==> flow/design.v <==
module ex_compare_v2 #(
   parameter DWIDTH = 12
) (
   input clock,
   input [DWIDTH-1:0] a,
   input [DWIDTH-1:0] b,
   input [DWIDTH-1:0] c,
   output ok
);
   reg [DWIDTH-1:0] a_reg;
   reg [DWIDTH-1:0] b_reg;
   reg [DWIDTH-1:0] c_reg;
   always @(posedge clock) begin
      a_reg <= a;
      b_reg <= b;
      c_reg <= c;
   end
   assign ok = (a_reg >= b_reg) && (a_reg <= c_reg);
endmodule
Step by step through the tools: ex_compare_v2
The steps from the RTL of ex_compare_v2 to its reports follow in flow order.
Lines are those of the file above, counted from 1.
Operators: Yosys type, input widths -> output width; for muxes data width and select width s.
Library cell names are shortened.
A cell with -- has no value.
- top: ex_compare_v2
- clock port: clock
- cell library: sky130hd
- corner: tt_025C_1v80

Word-level counts
Source: Yosys, flattened and elaborated, memories not mapped. Widths are those after wreduce; folded enables and synchronous resets count as part of the registers. Registers that Yosys merges into a memory's read port (data or address) are not register bits. Print and check cells do not count. Equal cells are merged and count once.
- noted $lt $le $gt $ge: 2
- reductions and logical operators: 1
- operators by type and width (kind ; count):
    $ge 12x12->1 ; 1
    $le 12x12->1 ; 1
    $logic_and 1x1->1 ; 1
- register bits at 36
- input bits at 37
- output and inout bits: 1
- word-level cells at 6

Longest topological paths
Longest topological path by Yosys (ltp), each cell counted once; first at word level (registers and memories cut), then after technology mapping (sequential cells cut; the memories' decode and read muxes count).
- noted depth after elaboration: 2
- noted ABC_AREA: 0
- noted depth in mapped cells: 7

Synthesis result
Yosys stat after the flow's synthesis: flattened, memories mapped to cells. It holds for the ABC_AREA given above (unset counts as 0); a run with the other value may have another netlist.
- cell count at 118
- synthesis area at 1311.3 um^2
- area of sequential cells at 720.7 um^2
- flip-flop cells: 36
- noted buffer cells: 0
- cells by type (cell type ; count ; area in all (um^2)):
    dfxtp_1 ; 36 ; 720.691
    ha_1 ; 24 ; 300.288
    inv_1 ; 25 ; 93.84
    a21oi_1 ; 7 ; 35.034
    a21o_1 ; 4 ; 30.029
    nand4_1 ; 3 ; 18.768
    nor2_1 ; 4 ; 15.014
    nand4_2 ; 1 ; 12.512
    nand2_1 ; 3 ; 11.261
    a221o_1 ; 1 ; 10.01
    nand3_1 ; 2 ; 10.01
    o21ai_0 ; 2 ; 10.01
    a2bb2oi_1 ; 1 ; 8.758
    a211oi_1 ; 1 ; 7.507
    o211ai_1 ; 1 ; 7.507
    or4_1 ; 1 ; 7.507
    nand2b_1 ; 1 ; 6.256
    o22ai_1 ; 1 ; 6.256

Timing after synthesis
OpenSTA on the mapped netlist: ideal clock, no wires. The path of least setup slack (recovery checks aside). Input and output delay are each 20% of the period. Register names are those of the netlist, which keeps one name where synthesis merged equal registers.
- kind: register to output
- from: register c_reg[9]
- to: output ok
- period at 2300 ps
- external output delay at 460 ps
- noted launch time at the first pin: 0 ps
- arrival at 1475 ps
- required time at 1840 ps
- noted slack: 365 ps
- delay of the path: 1475 ps
- noted driving pins on the path: 6
- path buffers: 0
- synthesis period reached: 1935 ps
"delay of the path" is the arrival time less input delay plus setup time.
At an output port there is no setup time.
"driving pins on the path": output pins that drive a net of the path, with the launching flip-flop's if there is one; two outputs of one cell count as two.
"synthesis period reached" is the clock period less the worst setup slack; recovery checks do not enter. This is arithmetic on one report: input and output delays are still those of the set period (20% each).
The rows between start and end are the longest chain of elaborated cells between them; the timing report does not say that the signal goes this way. Where chains are equally long, one stands for them.
Each line given opens the expression or statement behind the cell; cells for indexed reads and writes are added by Yosys, which also makes memories of some case tables.
- cell sequence: dfxtp_1 > inv_1 > ha_1 > nand4_2 > or4_1 > a2bb2oi_1
- cells in the longest elaborated chain at 2
- elaborated cells on any way between the ends: 2
- classes of those cells: compare (1); reduce/logical (1)
- RTL lines, path after synthesis (element ; line ; RTL):
    from (decl) ; 12 ; reg [DWIDTH-1:0] c_reg;
    from (assign) ; 16 ; c_reg <= c;
    $le 12x12->1 ; 18 ; assign ok = (a_reg >= b_reg) && (a_reg <= c_reg);
    $logic_and 1x1->1 ; 18 ;
    to (decl) ; 8 ; output ok

Path in the finished layout
Path of least setup slack in the final report of record 2 (OpenROAD, finished layout, wires in). Where an end is a register, its clock arrival counts in the times.
The path's times are printed in steps of 10 ps; the period is the one set.
- kind: register to output
- from: register a_reg[9]
- to: output ok
- period at 1240 ps
- external output delay at 250 ps
- noted launch time at the first pin: 280 ps
- arrival at 1850 ps
- required time at 990 ps
- noted slack: -860 ps
- noted driving pins on the path: 6
- path buffers: 1
The rows between start and end are the longest chain of elaborated cells between them; the timing report does not say that the signal goes this way. Where chains are equally long, one stands for them.
- cell sequence: dfxtp_2 > ha_4 > nand4_4 > or4_4 > a2bb2oi_2 > buf_2
- cells in the longest elaborated chain at 2
- elaborated cells on any way between the ends: 3
- classes of those cells: compare (2); reduce/logical (1)
- RTL lines, path after layout (element ; line ; RTL):
    from (decl) ; 10 ; reg [DWIDTH-1:0] a_reg;
    from (assign) ; 14 ; a_reg <= a;
    $ge 12x12->1 ; 18 ; assign ok = (a_reg >= b_reg) && (a_reg <= c_reg);
    $logic_and 1x1->1 ; 18 ;
    to (decl) ; 8 ; output ok

Lab notebook: ex_compare_v2

Design ex_compare_v2 on sky130hd. What follows are 3 stored runs of the flow, each under its own settings; their order means nothing. The constraints put input and output delay at 20% of the set period each and load the outputs with 0.01 pF.
"time used up by the worst setup path" = time allowed to the worst setup path (clock period - input delay - output delay, where it has them) - its slack; a late launch clock adds to it, a late capture clock takes from it.
"time used up by the worst setup path" is given in steps of 10 ps.

Record 1

==> flow/run.sh <==
#!/bin/bash
# the make line also repeats the synthesis and layout settings of config.mk as NAME=value (left out here)
make -C /OpenROAD-flow-scripts/flow DESIGN_CONFIG=/design/flow/config.mk WORK_HOME=/design/flow/orfs CLKGATE_MAP_FILE= finish
==> flow/config.mk <==
export PLATFORM = sky130hd
export DESIGN_NAME = ex_compare_v2
export DESIGN_NICKNAME = ex_compare_v2
export VERILOG_FILES = /design/flow/design.v
export SDC_FILE = /design/flow/constraint.sdc
export NUM_CORES = 4
export LEC_CHECK = 0
export ABC_AREA = 1
export CAP_MARGIN = 10
export CELL_PAD_IN_SITES_DETAIL_PLACEMENT = 1
export CELL_PAD_IN_SITES_GLOBAL_PLACEMENT = 1
export CORE_ASPECT_RATIO = 1.78
export CORE_MARGIN = 2
export CORE_UTILIZATION = 61
export GPL_TIMING_DRIVEN = 1
export SLEW_MARGIN = 10
==> flow/constraint.sdc <==
create_clock -name core_clock -period 1.53 [get_ports {clock}]
set_input_delay 0.3060 -clock core_clock [delete_from_list [all_inputs] [get_ports {clock}]]
set_output_delay 0.3060 -clock core_clock [all_outputs]
set_load 0.01 [all_outputs]

Record 1: no final report: placement broke off with GPL-0301.

Record 2

==> flow/run.sh <==
#!/bin/bash
# the make line also repeats the synthesis and layout settings of config.mk as NAME=value (left out here)
make -C /OpenROAD-flow-scripts/flow DESIGN_CONFIG=/design/flow/config.mk WORK_HOME=/design/flow/orfs CLKGATE_MAP_FILE= finish
==> flow/config.mk <==
export PLATFORM = sky130hd
export DESIGN_NAME = ex_compare_v2
export DESIGN_NICKNAME = ex_compare_v2
export VERILOG_FILES = /design/flow/design.v
export SDC_FILE = /design/flow/constraint.sdc
export NUM_CORES = 4
export LEC_CHECK = 0
export ABC_AREA = 0
export CAP_MARGIN = 5
export CORE_ASPECT_RATIO = 1.07
export CORE_MARGIN = 2
export CORE_UTILIZATION = 19
export CTS_CLUSTER_DIAMETER = 324
export CTS_CLUSTER_SIZE = 96
export GPL_TIMING_DRIVEN = 1
export MIN_ROUTING_LAYER = met2
export PLACE_DENSITY_LB_ADDON = 0.21
export SETUP_SLACK_MARGIN = -0.04
export SLEW_MARGIN = 20
export TNS_END_PERCENT = 65
==> flow/constraint.sdc <==
create_clock -name core_clock -period 1.24 [get_ports {clock}]
set_input_delay 0.2480 -clock core_clock [delete_from_list [all_inputs] [get_ports {clock}]]
set_output_delay 0.2480 -clock core_clock [all_outputs]
set_load 0.01 [all_outputs]

Measured in record 2:
- synthesized cell area: 1311.3 um^2
- noted the standard-cell area after routing: 2069.5 um^2
- setup TNS at -857 ps
- noted the full die area: 7582.4 um^2
- worst setup slack after layout at -857 ps
- time used up by the worst setup path at 1850 ps
- kind of the worst setup path: register to output
- worst hold slack after layout at 398 ps

Record 3

==> flow/run.sh <==
#!/bin/bash
# the make line also repeats the synthesis and layout settings of config.mk as NAME=value (left out here)
make -C /OpenROAD-flow-scripts/flow DESIGN_CONFIG=/design/flow/config.mk WORK_HOME=/design/flow/orfs CLKGATE_MAP_FILE= finish
==> flow/config.mk <==
export PLATFORM = sky130hd
export DESIGN_NAME = ex_compare_v2
export DESIGN_NICKNAME = ex_compare_v2
export VERILOG_FILES = /design/flow/design.v
export SDC_FILE = /design/flow/constraint.sdc
export NUM_CORES = 4
export LEC_CHECK = 0
export CAP_MARGIN = 20
export CORE_MARGIN = 2
export CORE_UTILIZATION = 40
export SLEW_MARGIN = 20
==> flow/constraint.sdc <==
create_clock -name core_clock -period 2.3 [get_ports {clock}]
set_input_delay 0.4600 -clock core_clock [delete_from_list [all_inputs] [get_ports {clock}]]
set_output_delay 0.4600 -clock core_clock [all_outputs]
set_load 0.01 [all_outputs]

Measured in record 3:
- synthesized cell area: 1311.3 um^2
- noted the standard-cell area after routing: 2059.5 um^2
- setup TNS at -49 ps
- noted the full die area: 3752.2 um^2
- worst setup slack after layout at -49 ps
- time used up by the worst setup path at 1890 ps
- kind of the worst setup path: register to output
- worst hold slack after layout at 542 ps
